==> flow/design.v <==
module alu_adder_top #(
    parameter NBITS = 28
) (
    input logic sys_clk,
    input logic clr,
    input logic [NBITS-1:0] i_x,
    input logic [NBITS-1:0] i_y,
    input logic i_ci,
    output logic [NBITS-1:0] o_s,
    output logic o_cy
);
    logic [NBITS-1:0] nxt;
    logic [NBITS:0] c;
    assign c[0] = i_ci;
    generate
        for (genvar i = 0; i < NBITS; i++) begin : each
            assign nxt[i] = i_x[i] ^ i_y[i] ^ c[i];
            assign c[i+1] = (i_x[i] & i_y[i]) | (c[i] & (i_x[i] ^ i_y[i]));
        end
    endgenerate
    always_ff @(posedge sys_clk) begin
        if (clr) begin
            o_s <= '0;
            o_cy <= 1'b0;
        end else begin
            o_s <= nxt;
            o_cy <= c[NBITS];
        end
    end
endmodule
* From RTL to reports: alu_adder_top
Module alu_adder_top in several versions that differ in "NBITS"; each step lists the members.
The file above is the member NBITS=28. Line numbers count from 1 in each member's own file.
Operators carry their Yosys type and port widths (W data, S select, Z words).
The mark -- stands for no value.
- Top :: alu_adder_top
- Clock port :: sys_clk
- Library :: sky130hd
- Library corner :: tt_025C_1v80

* Source of the members
Lines of each other member's file that are new or changed against the file above; lines that a member lacks are not shown.
** Lines new or changed
- NBITS 36 :: RTL line 2 : parameter NBITS = 36
- NBITS 80 :: RTL line 2 : parameter NBITS = 80
- NBITS 96 :: RTL line 2 : parameter NBITS = 96

* After elaboration
Yosys after proc, flatten, opt, wreduce and memory -nomap, before mapping. Enables and synchronous resets that opt folds into registers are not counted as muxes. Memory bits, and registers merged into a memory's read port (data or address), are not among the register bits. Print and check cells are not counted. Equal cells are merged and count once.
** Bit counts
- NBITS 28 :: register bits 29, latch bits 0, RAM bits 0, ROM bits 0, word width x clocked read ports 0, memories kept 0, input bits 59, cells after elaboration 142
- NBITS 36 :: register bits 37, latch bits 0, RAM bits 0, ROM bits 0, word width x clocked read ports 0, memories kept 0, input bits 75, cells after elaboration 182
- NBITS 80 :: register bits 81, latch bits 0, RAM bits 0, ROM bits 0, word width x clocked read ports 0, memories kept 0, input bits 163, cells after elaboration 402
- NBITS 96 :: register bits 97, latch bits 0, RAM bits 0, ROM bits 0, word width x clocked read ports 0, memories kept 0, input bits 195, cells after elaboration 482
** Cells by class
- NBITS 28 :: add/sub/neg operators 0, $mul 0, divide/modulo/power cells 0, magnitude comparators 0, equal/unequal tests 0, shifts and indexed selects 0, multiplexer cells 0, bitwise logic cells 140, reductions and logical operators 0
- NBITS 36 :: add/sub/neg operators 0, $mul 0, divide/modulo/power cells 0, magnitude comparators 0, equal/unequal tests 0, shifts and indexed selects 0, multiplexer cells 0, bitwise logic cells 180, reductions and logical operators 0
- NBITS 80 :: add/sub/neg operators 0, $mul 0, divide/modulo/power cells 0, magnitude comparators 0, equal/unequal tests 0, shifts and indexed selects 0, multiplexer cells 0, bitwise logic cells 400, reductions and logical operators 0
- NBITS 96 :: add/sub/neg operators 0, $mul 0, divide/modulo/power cells 0, magnitude comparators 0, equal/unequal tests 0, shifts and indexed selects 0, multiplexer cells 0, bitwise logic cells 480, reductions and logical operators 0
** Operators with widths (kinds with counts)
- NBITS 28 :: 56 x $and A1 B1 Y1; 56 x $xor A1 B1 Y1; 28 x $or A1 B1 Y1
- NBITS 36 :: 72 x $and A1 B1 Y1; 72 x $xor A1 B1 Y1; 36 x $or A1 B1 Y1
- NBITS 80 :: 160 x $and A1 B1 Y1; 160 x $xor A1 B1 Y1; 80 x $or A1 B1 Y1
- NBITS 96 :: 192 x $and A1 B1 Y1; 192 x $xor A1 B1 Y1; 96 x $or A1 B1 Y1

* Logic depth
Yosys ltp: most cells in a row. Word level: on the elaborated netlist, between registers, memories and ports. Mapped: between sequential cells and ports; inverters and the memories' decode and read muxes count.
** Depth
- NBITS 28 :: word-level depth 57, ABC_AREA 0, mapped depth 32
- NBITS 36 :: word-level depth 73, ABC_AREA 0, mapped depth 40
- NBITS 80 :: word-level depth 161, ABC_AREA 0, mapped depth 84
- NBITS 96 :: word-level depth 193, ABC_AREA 0, mapped depth 100

* Netlist
Source: synth_stat.txt of the flow (Yosys; design flattened, memories mapped). It holds for the ABC_AREA given above (unset counts as 0); a run with the other value may have another netlist.
The area totals of this step are shown rounded.
** Cell types (types with counts)
- NBITS 28 :: 29 x sky130_fd_sc_hd__dfxtp_1; 28 x sky130_fd_sc_hd__fa_1; 16 x sky130_fd_sc_hd__nor2b_1; 10 x sky130_fd_sc_hd__nor2b_2; 7 x sky130_fd_sc_hd__inv_1; 2 x sky130_fd_sc_hd__buf_6; 3 x sky130_fd_sc_hd__nor2_1; 1 x sky130_fd_sc_hd__buf_2
- NBITS 36 :: 37 x sky130_fd_sc_hd__dfxtp_1; 36 x sky130_fd_sc_hd__fa_1; 27 x sky130_fd_sc_hd__nor2b_1; 7 x sky130_fd_sc_hd__and2b_2; 3 x sky130_fd_sc_hd__buf_6; 7 x sky130_fd_sc_hd__inv_1; 3 x sky130_fd_sc_hd__nor2_1
- NBITS 80 :: 81 x sky130_fd_sc_hd__dfxtp_1; 80 x sky130_fd_sc_hd__fa_1; 78 x sky130_fd_sc_hd__nor2b_1; 9 x sky130_fd_sc_hd__buf_6; 7 x sky130_fd_sc_hd__inv_1; 3 x sky130_fd_sc_hd__nor2_1
- NBITS 96 :: 97 x sky130_fd_sc_hd__dfxtp_1; 96 x sky130_fd_sc_hd__fa_1; 94 x sky130_fd_sc_hd__nor2b_1; 6 x sky130_fd_sc_hd__buf_2; 4 x sky130_fd_sc_hd__buf_4; 7 x sky130_fd_sc_hd__inv_1; 3 x sky130_fd_sc_hd__nor2_1
** Mapped netlist
- NBITS 28 :: cell count 96, cell area after synthesis 1400 µm², area of sequential cells 580 µm², flip-flop cells 29, buffer cells 3
- NBITS 36 :: cell count 120, cell area after synthesis 1800 µm², area of sequential cells 740 µm², flip-flop cells 37, buffer cells 3
- NBITS 80 :: cell count 258, cell area after synthesis 3800 µm², area of sequential cells 1600 µm², flip-flop cells 81, buffer cells 9
- NBITS 96 :: cell count 307, cell area after synthesis 4500 µm², area of sequential cells 1900 µm², flip-flop cells 97, buffer cells 10

* Worst setup path after synthesis
Source: OpenSTA report_checks on the synthesized netlist (no wires, ideal clock, input and output delay 20% of the period each), path of least setup slack; recovery checks are left aside. Register names are those of the netlist, which keeps one name where synthesis merged equal registers.
** Timing path post-synthesis
- NBITS 28 :: path kind input port to flip-flop, from input port i_x[0], to register o_s[27], clock period 16.8 ns, path slack 2.717 ns, driving pins on the path 32, delay of the path 10.723 ns, synthesis period reached 14.083 ns
- NBITS 36 :: path kind input port to flip-flop, from input port i_x[0], to register o_s[35], clock period 21.5 ns, path slack 3.439 ns, driving pins on the path 40, delay of the path 13.761 ns, synthesis period reached 18.061 ns
- NBITS 80 :: path kind input port to flip-flop, from input port i_x[0], to register o_s[79], clock period 47.6 ns, path slack 7.611 ns, driving pins on the path 84, delay of the path 30.469 ns, synthesis period reached 39.989 ns
- NBITS 96 :: path kind input port to flip-flop, from input port i_x[0], to register o_s[95], clock period 57.1 ns, path slack 9.135 ns, driving pins on the path 100, delay of the path 36.545 ns, synthesis period reached 47.965 ns
"delay of the path" = arrival - input delay + setup time.
"driving pins on the path": output pins that drive a net of the path, with the launching flip-flop's if there is one; two outputs of one cell count as two.
"synthesis period reached" is the clock period less the worst setup slack; recovery checks do not enter. This is arithmetic on one report: input and output delays are still those of the set period (20% each).
The rows between start and end are the longest chain of elaborated cells between them; the timing report does not say that the signal goes this way. Where chains are equally long, one stands for them.
Each line given opens the expression or statement behind the cell; cells for indexed reads and writes are added by Yosys, which also makes memories of some case tables.
On the way, post-synthesis, NBITS=28:
- Length of the longest elaborated chain :: 56
** RTL lines, path post-synthesis, NBITS=28
- from (decl) :: RTL line 6 : input logic [NBITS-1:0] i_x,
- $xor A1 B1 Y1 :: RTL line 18 : assign c[i+1] = (i_x[i] & i_y[i]) | (c[i] & (i_x[i] ^ i_y[i]));
- $and A1 B1 Y1 :: RTL line 18
- $or A1 B1 Y1 :: RTL line 18
- $and A1 B1 Y1 :: RTL line 18
- $or A1 B1 Y1 :: RTL line 18
- $and A1 B1 Y1 :: RTL line 18
- $or A1 B1 Y1 :: RTL line 18
- [42 not listed]
- $and A1 B1 Y1 :: RTL line 18
- $or A1 B1 Y1 :: RTL line 18
- $and A1 B1 Y1 :: RTL line 18
- $or A1 B1 Y1 :: RTL line 18
- $and A1 B1 Y1 :: RTL line 18
- $or A1 B1 Y1 :: RTL line 18
- $xor A1 B1 Y1 :: RTL line 17 : assign nxt[i] = i_x[i] ^ i_y[i] ^ c[i];
- to (assign) :: RTL line 23 : o_s <= '0;
- to (assign) :: RTL line 26 : o_s <= nxt;
- to (decl) :: RTL line 9 : output logic [NBITS-1:0] o_s,
On the way, post-synthesis, NBITS=96:
- Length of the longest elaborated chain :: 192
** RTL lines, path post-synthesis, NBITS=96
- from (decl) :: RTL line 6 : input logic [NBITS-1:0] i_x,
- $xor A1 B1 Y1 :: RTL line 18 : assign c[i+1] = (i_x[i] & i_y[i]) | (c[i] & (i_x[i] ^ i_y[i]));
- $and A1 B1 Y1 :: RTL line 18
- $or A1 B1 Y1 :: RTL line 18
- $and A1 B1 Y1 :: RTL line 18
- $or A1 B1 Y1 :: RTL line 18
- $and A1 B1 Y1 :: RTL line 18
- $or A1 B1 Y1 :: RTL line 18
- [178 not listed]
- $and A1 B1 Y1 :: RTL line 18
- $or A1 B1 Y1 :: RTL line 18
- $and A1 B1 Y1 :: RTL line 18
- $or A1 B1 Y1 :: RTL line 18
- $and A1 B1 Y1 :: RTL line 18
- $or A1 B1 Y1 :: RTL line 18
- $xor A1 B1 Y1 :: RTL line 17 : assign nxt[i] = i_x[i] ^ i_y[i] ^ c[i];
- to (assign) :: RTL line 23 : o_s <= '0;
- to (assign) :: RTL line 26 : o_s <= nxt;
- to (decl) :: RTL line 9 : output logic [NBITS-1:0] o_s,

* Path in the finished layout
From the final timing report of each member's run: the path of least setup slack in the routed layout; clock arrival at registers is part of the times.
** Timing path after layout
- NBITS 28 :: path kind input port to flip-flop, from input port i_x[0], to register o_s[27], clock period 16.8 ns, path slack 2.20 ns, driving pins on the path 33, arrival 14.85 ns, path buffers 1
- NBITS 36 :: path kind input port to flip-flop, from input port i_x[0], to register o_s[35], clock period 21.5 ns, path slack 2.73 ns, driving pins on the path 41, arrival 18.99 ns, path buffers 1
- NBITS 80 :: path kind input port to flip-flop, from input port i_x[0], to register o_s[79], clock period 47.6 ns, path slack 6.24 ns, driving pins on the path 85, arrival 41.63 ns, path buffers 1
- NBITS 96 :: path kind input port to flip-flop, from input port i_x[0], to register o_s[95], clock period 57.1 ns, path slack 7.45 ns, driving pins on the path 101, arrival 49.91 ns, path buffers 1

* Flow runs
Settings and results of one run of the flow (Yosys, OpenROAD) for each member follow. The constraints put input and output delay at 20% of the set period each and load the outputs with 0.01 pF.
- CAP_MARGIN :: 20
- CORE_MARGIN :: 2
- CORE_UTILIZATION :: 40
- SLEW_MARGIN :: 20
** Settings that differ (period_ns)
- NBITS 28 :: 16.8
- NBITS 36 :: 21.5
- NBITS 80 :: 47.6
- NBITS 96 :: 57.1
** Measured results
- NBITS 28 :: area of the synthesized netlist 1400 µm², die footprint 4000 µm², std-cell area (final layout) 2400 µm², utilization of the finished layout 70%, setup slack of the critical path 2.2 ns, total negative setup slack 0.000 ns
- NBITS 36 :: area of the synthesized netlist 1800 µm², die footprint 5000 µm², std-cell area (final layout) 3000 µm², utilization of the finished layout 70%, setup slack of the critical path 2.7 ns, total negative setup slack 0.000 ns
- NBITS 80 :: area of the synthesized netlist 3800 µm², die footprint 10000 µm², std-cell area (final layout) 6600 µm², utilization of the finished layout 71%, setup slack of the critical path 6.2 ns, total negative setup slack 0.000 ns
- NBITS 96 :: area of the synthesized netlist 4500 µm², die footprint 12000 µm², std-cell area (final layout) 7900 µm², utilization of the finished layout 72%, setup slack of the critical path 7.4 ns, total negative setup slack 0.000 ns
Measured values are rounded.
